==> flow/design.v <==
module alu_plus_rtl (aclk, u_in, v_in, result_out, co_out);
    parameter XLEN = 10;
    input aclk;
    input [XLEN-1:0] u_in;
    input [XLEN-1:0] v_in;
    output [XLEN-1:0] result_out;
    output co_out;
    reg [XLEN-1:0] u_reg;
    always @(posedge aclk) begin
        u_reg <= u_in;
    end
    reg [XLEN-1:0] v_reg;
    always @(posedge aclk) begin
        v_reg <= v_in;
    end
    reg [XLEN-1:0] g;
    reg [XLEN-1:0] p;
    integer idx;
    always @* begin
        g = u_reg & v_reg;
        p = u_reg ^ v_reg;
        for (idx = 1; idx < XLEN; idx = idx * 2) begin
            g = g | (p & (g << idx));
            p = p & (p << idx);
        end
    end
    reg [XLEN-1:0] tmp_reg;
    always @(posedge aclk) begin
        tmp_reg <= u_reg ^ v_reg;
    end
    reg [XLEN-1:0] g_reg;
    always @(posedge aclk) begin
        g_reg <= g;
    end
    reg [XLEN-1:0] result_reg;
    always @(posedge aclk) begin
        result_reg <= tmp_reg ^ {g_reg[XLEN-2:0], 1'b0};
    end
    assign result_out = result_reg;
    reg co_reg;
    always @(posedge aclk) begin
        co_reg <= g_reg[XLEN-1];
    end
    assign co_out = co_reg;
endmodule
### Reports on alu_plus_rtl

Module alu_plus_rtl in several versions that differ in "XLEN"; each step lists the members.
The file above is the member XLEN 10. Line numbers count from 1 in each member's own file.
Operators carry their Yosys type and port widths (W data, S select, Z words).
Library cell names are shortened.
The mark - stands for no value.

| inputs | value |
|---|---|
| top module | alu_plus_rtl |
| clock | aclk |
| cell library | sky130hd |
| library corner | tt_025C_1v80 |

### Source of the members

Lines of each other member's file that are new or changed against the file above; lines that a member lacks are not shown.

Lines new or changed:

| XLEN | RTL line | text |
|---|---|---|
| 14 | 2 | `parameter XLEN = 14;` |
| 16 | 2 | `parameter XLEN = 16;` |
| 36 | 2 | `parameter XLEN = 36;` |
| 128 | 2 | `parameter XLEN = 128;` |

### Elaborated design

Source: Yosys, flattened and elaborated, memories not mapped. Widths are those after wreduce; folded enables and synchronous resets count as part of the registers. Registers that Yosys merges into a memory's read port (data or address) are not register bits. Print and check cells do not count. Equal cells are merged and count once.

Storage and ports:

| XLEN | register bits after elaboration | input port bits | output and inout bits |
|---|---|---|---|
| 10 | 51 | 21 | 11 |
| 14 | 71 | 29 | 15 |
| 16 | 81 | 33 | 17 |
| 36 | 181 | 73 | 37 |
| 128 | 641 | 257 | 129 |

Operators by class:

| XLEN | bitwise operators |
|---|---|
| 10 | 14 |
| 14 | 14 |
| 16 | 14 |
| 36 | 20 |
| 128 | 23 |

Operators by type and width:

| XLEN | kind and count |
|---|---|
| 10 | 8 x $and A10 B10 Y10; 4 x $or A10 B10 Y10; 2 x $xor A10 B10 Y10 |
| 14 | 8 x $and A14 B14 Y14; 4 x $or A14 B14 Y14; 2 x $xor A14 B14 Y14 |
| 16 | 8 x $and A16 B16 Y16; 4 x $or A16 B16 Y16; 2 x $xor A16 B16 Y16 |
| 36 | 12 x $and A36 B36 Y36; 6 x $or A36 B36 Y36; 2 x $xor A36 B36 Y36 |
| 128 | 14 x $and A128 B128 Y128; 7 x $or A128 B128 Y128; 2 x $xor A128 B128 Y128 |

### Longest topological paths

Yosys ltp: most cells in a row. Word level: on the elaborated netlist, between registers, memories and ports. Mapped: between sequential cells and ports; inverters and the memories' decode and read muxes count.

Depth:

| XLEN | word-level depth | ABC_AREA | depth in mapped cells | mapped depth without buffers |
|---|---|---|---|---|
| 10 | 9 | 0 | 5 | 5 |
| 14 | 9 | 0 | 6 | 6 |
| 16 | 9 | 0 | 6 | 6 |
| 36 | 13 | 0 | 7 | 7 |
| 128 | 15 | 0 | 14 | 13 |

### Mapped cells and area

Source: synth_stat.txt of the flow (Yosys; design flattened, memories mapped). It holds for the ABC_AREA given above (unset counts as 0); a run with the other value may have another netlist.

Mapped netlist:

| XLEN | cells in the netlist | mapped area (sq mm) | mapped flip-flops | buffer cells |
|---|---|---|---|---|
| 10 | 94 | 0.0013738 | 51 | 0 |
| 14 | 135 | 0.0019193 | 71 | 0 |
| 16 | 170 | 0.0023085 | 81 | 0 |
| 36 | 446 | 0.005524 | 181 | 0 |
| 128 | 1,836 | 0.0206786 | 641 | 9 |

Cell types:

| XLEN | types with counts |
|---|---|
| 10 | 51 x dfxtp_1; 10 x ha_1; 9 x xor2_1; 5 x a21oi_1; 2 x a21o_2; 2 x a21o_1; 1 x a211oi_2; 3 x nand2_1; 1 x o21bai_2; 2 x nor3_1; 1 x a31o_1; 2 x nor2_1; 1 x o21a_1; 1 x o31ai_1; 1 x nand2b_1; 1 x o21ai_0; 1 x inv_1 |
| 14 | 71 x dfxtp_1; 14 x ha_1; 13 x xor2_1; 6 x a21o_1; 6 x a21oi_1; 5 x nand2_1; 4 x nor2_1; 3 x o21ai_0; 2 x or2_2; 1 x a221o_1; 1 x a21oi_2; 1 x a211oi_1; 1 x a21boi_0; 1 x a31oi_1; 1 x and2_1; 1 x nand2b_1; 1 x nand4_1; 1 x nand3_1; [+2] |
| 16 | 81 x dfxtp_1; 16 x ha_1; 15 x xor2_1; 9 x a21o_1; 6 x a21oi_1; 6 x nand2_1; 4 x o21ai_1; 3 x a31oi_1; 3 x nand2b_1; 3 x nand3_1; 4 x nor2_1; 3 x nor3_1; 2 x o21a_1; 1 x a211oi_2; 1 x a311o_1; 1 x and4_1; 1 x o311ai_0; 1 x o311ai_1; [+10] |
| 36 | 181 x dfxtp_1; 36 x ha_1; 35 x xor2_1; 27 x a21o_1; 22 x a21oi_1; 22 x nand2_1; 21 x nor2_1; 10 x o21ai_0; 12 x inv_1; 9 x nand3_1; 5 x o21a_1; 7 x nor3_1; 5 x a31oi_1; 3 x a31o_2; 3 x o221ai_1; 4 x nand4_1; 3 x a211oi_1; 3 x o211ai_1; [+38] |
| 128 | 641 x dfxtp_1; 128 x ha_1; 127 x xor2_1; 171 x a21oi_1; 83 x a21o_1; 144 x nand2_1; 96 x o21ai_0; 59 x nand4_1; 82 x nor2_1; 34 x o21bai_1; 62 x inv_1; 23 x nand3_1; 22 x nor3_1; 9 x a211oi_1; 8 x o21a_1; 9 x and3_1; 9 x nor4_1; 6 x a221oi_1; [+123] |

A list marked [+n] leaves out that many cells.

### Timing after synthesis

Path of least setup slack by OpenSTA after synthesis, without wires, with an ideal clock, recovery checks aside; 20% of the period is set as input and as output delay. Where synthesis merged equal registers, the netlist keeps one of their names.

Timing path post-synthesis:

| XLEN | path type | from | to | period (ps) | path slack (ps) | stages | delay of the path (ps) | synthesis period reached (ps) |
|---|---|---|---|---|---|---|---|---|
| 10 | reg2reg | reg u_reg[1] | reg g_reg[9] | 1,800 | 358 | 6 | 1,441 | 1,442 |
| 14 | reg2reg | reg u_reg[3] | reg g_reg[7] | 1,970 | 397 | 7 | 1,573 | 1,573 |
| 16 | reg2reg | reg u_reg[1] | reg g_reg[10] | 2,180 | 433 | 7 | 1,747 | 1,747 |
| 36 | reg2reg | reg u_reg[1] | reg g_reg[23] | 2,530 | 504 | 8 | 2,026 | 2,026 |
| 128 | reg2reg | reg u_reg[14] | reg g_reg[125] | 3,650 | 734 | 14 | 2,916 | 2,916 |

"delay of the path" is the arrival time less input delay plus setup time.
"stages" counts driving pins, that of a launching flip-flop among them; a cell with two outputs on the path counts twice.
"synthesis period reached" is the clock period less the worst setup slack; recovery checks do not enter. This is arithmetic on one report: input and output delays are still those of the set period (20% each).
The rows between start and end are the longest chain of elaborated cells between them; the timing report does not say that the signal goes this way. Where chains are equally long, one stands for them.
A line is the first line of the expression or statement that the cell stems from. Yosys adds cells for indexed reads and writes and turns some case tables into memories.

| between the ends, post-synthesis, XLEN 10 | value |
|---|---|
| length of the longest elaborated chain | 7 |

RTL lines, path post-synthesis, XLEN 10:

| item | RTL line | text |
|---|---|---|
| from (decl) | 8 | `reg [XLEN-1:0] u_reg;` |
| from (assign) | 10 | `u_reg <= u_in;` |
| $xor A10 B10 Y10 | 21 | `p = u_reg ^ v_reg;` |
| $and A10 B10 Y10 | 23 | `g = g \| (p & (g << idx));` |
| $or A10 B10 Y10 x3 | 23 |  |
| $and A10 B10 Y10 | 23 |  |
| $or A10 B10 Y10 | 23 |  |
| to (assign) | 33 | `g_reg <= g;` |
| to (decl) | 31 | `reg [XLEN-1:0] g_reg;` |

| between the ends, post-synthesis, XLEN 128 | value |
|---|---|
| length of the longest elaborated chain | 14 |

RTL lines, path post-synthesis, XLEN 128:

| item | RTL line | text |
|---|---|---|
| from (decl) | 8 | `reg [XLEN-1:0] u_reg;` |
| from (assign) | 10 | `u_reg <= u_in;` |
| $and A128 B128 Y128 | 20 | `g = u_reg & v_reg;` |
| $and A128 B128 Y128 | 23 | `g = g \| (p & (g << idx));` |
| $or A128 B128 Y128 | 23 |  |
| $and A128 B128 Y128 | 23 |  |
| $or A128 B128 Y128 | 23 |  |
| $and A128 B128 Y128 | 23 |  |
| $or A128 B128 Y128 | 23 |  |
| $and A128 B128 Y128 | 23 |  |
| $or A128 B128 Y128 x2 | 23 |  |
| $and A128 B128 Y128 | 23 |  |
| $or A128 B128 Y128 | 23 |  |
| $and A128 B128 Y128 | 23 |  |
| $or A128 B128 Y128 | 23 |  |
| to (assign) | 33 | `g_reg <= g;` |
| to (decl) | 31 | `reg [XLEN-1:0] g_reg;` |

### Path in the finished layout

Path of least setup slack in the final report of each member's run (OpenROAD, finished layout, wires in). Where an end is a register, its clock arrival counts in the times.
The path's times are printed in steps of 10 ps; the period is the one set.

Timing path post-layout:

| XLEN | path type | from | to | period (ps) | path slack (ps) | stages | arrival (ps) |
|---|---|---|---|---|---|---|---|
| 10 | reg2out | reg result_reg[8] | out result_out[8] | 1,800 | 230 | 2 | 1,210 |
| 14 | reg2reg | reg u_reg[3] | reg g_reg[7] | 1,970 | 310 | 7 | 1,890 |
| 16 | reg2reg | reg u_reg[1] | reg g_reg[10] | 2,180 | 280 | 7 | 2,120 |
| 36 | reg2reg | reg u_reg[15] | reg g_reg[35] | 2,530 | 210 | 8 | 2,640 |
| 128 | reg2reg | reg u_reg[12] | reg g_reg[125] | 3,650 | 190 | 13 | 3,960 |

### Flow runs

Settings and results of one run of the flow (Yosys, OpenROAD) for each member follow. The constraints put input and output delay at 20% of the set period each and load the outputs with 0.01 pF.

| flow settings | value |
|---|---|
| CAP_MARGIN | 20 |
| CORE_MARGIN | 2 |
| CORE_UTILIZATION | 40 |
| SLEW_MARGIN | 20 |

Settings by member:

| XLEN | period_ns |
|---|---|
| 10 | 1.8 |
| 14 | 1.97 |
| 16 | 2.18 |
| 36 | 2.53 |
| 128 | 3.65 |

Measured results:

| XLEN | chip area after synthesis (Yosys) (sq mm) | die outline area (sq mm) | standard-cell area of the final layout (sq mm) | post-layout utilization (%) | setup slack of the worst path (ps) | total negative slack on setup checks (ps) | final worst hold slack (ps) | total design power (µW) | period achieved (ps) |
|---|---|---|---|---|---|---|---|---|---|
| 10 | 0.0013738 | 0.0039194 | 0.001813 | 54.8 | 227 | 0 | 341 | 2,155 | 1,573 |
| 14 | 0.0019193 | 0.0053685 | 0.0026238 | 56.3 | 308 | 0 | 329 | 3,140 | 1,662 |
| 16 | 0.0023085 | 0.0063952 | 0.0030967 | 55.9 | 278 | 0 | 329 | 3,200 | 1,902 |
| 36 | 0.005524 | 0.0147659 | 0.0074647 | 55.9 | 214 | 0 | 331 | 6,897 | 2,316 |
| 128 | 0.0206786 | 0.0535321 | 0.0278742 | 54.4 | 188 | 0 | 328 | 18,023 | 3,462 |

"period achieved" is the run's clock period less its worst setup slack. It is reckoned from that one timing run; input and output delays stay at 20% of the period that was set.
"total design power" rests on the timing tool's default activity at the inputs, not on a simulated workload.
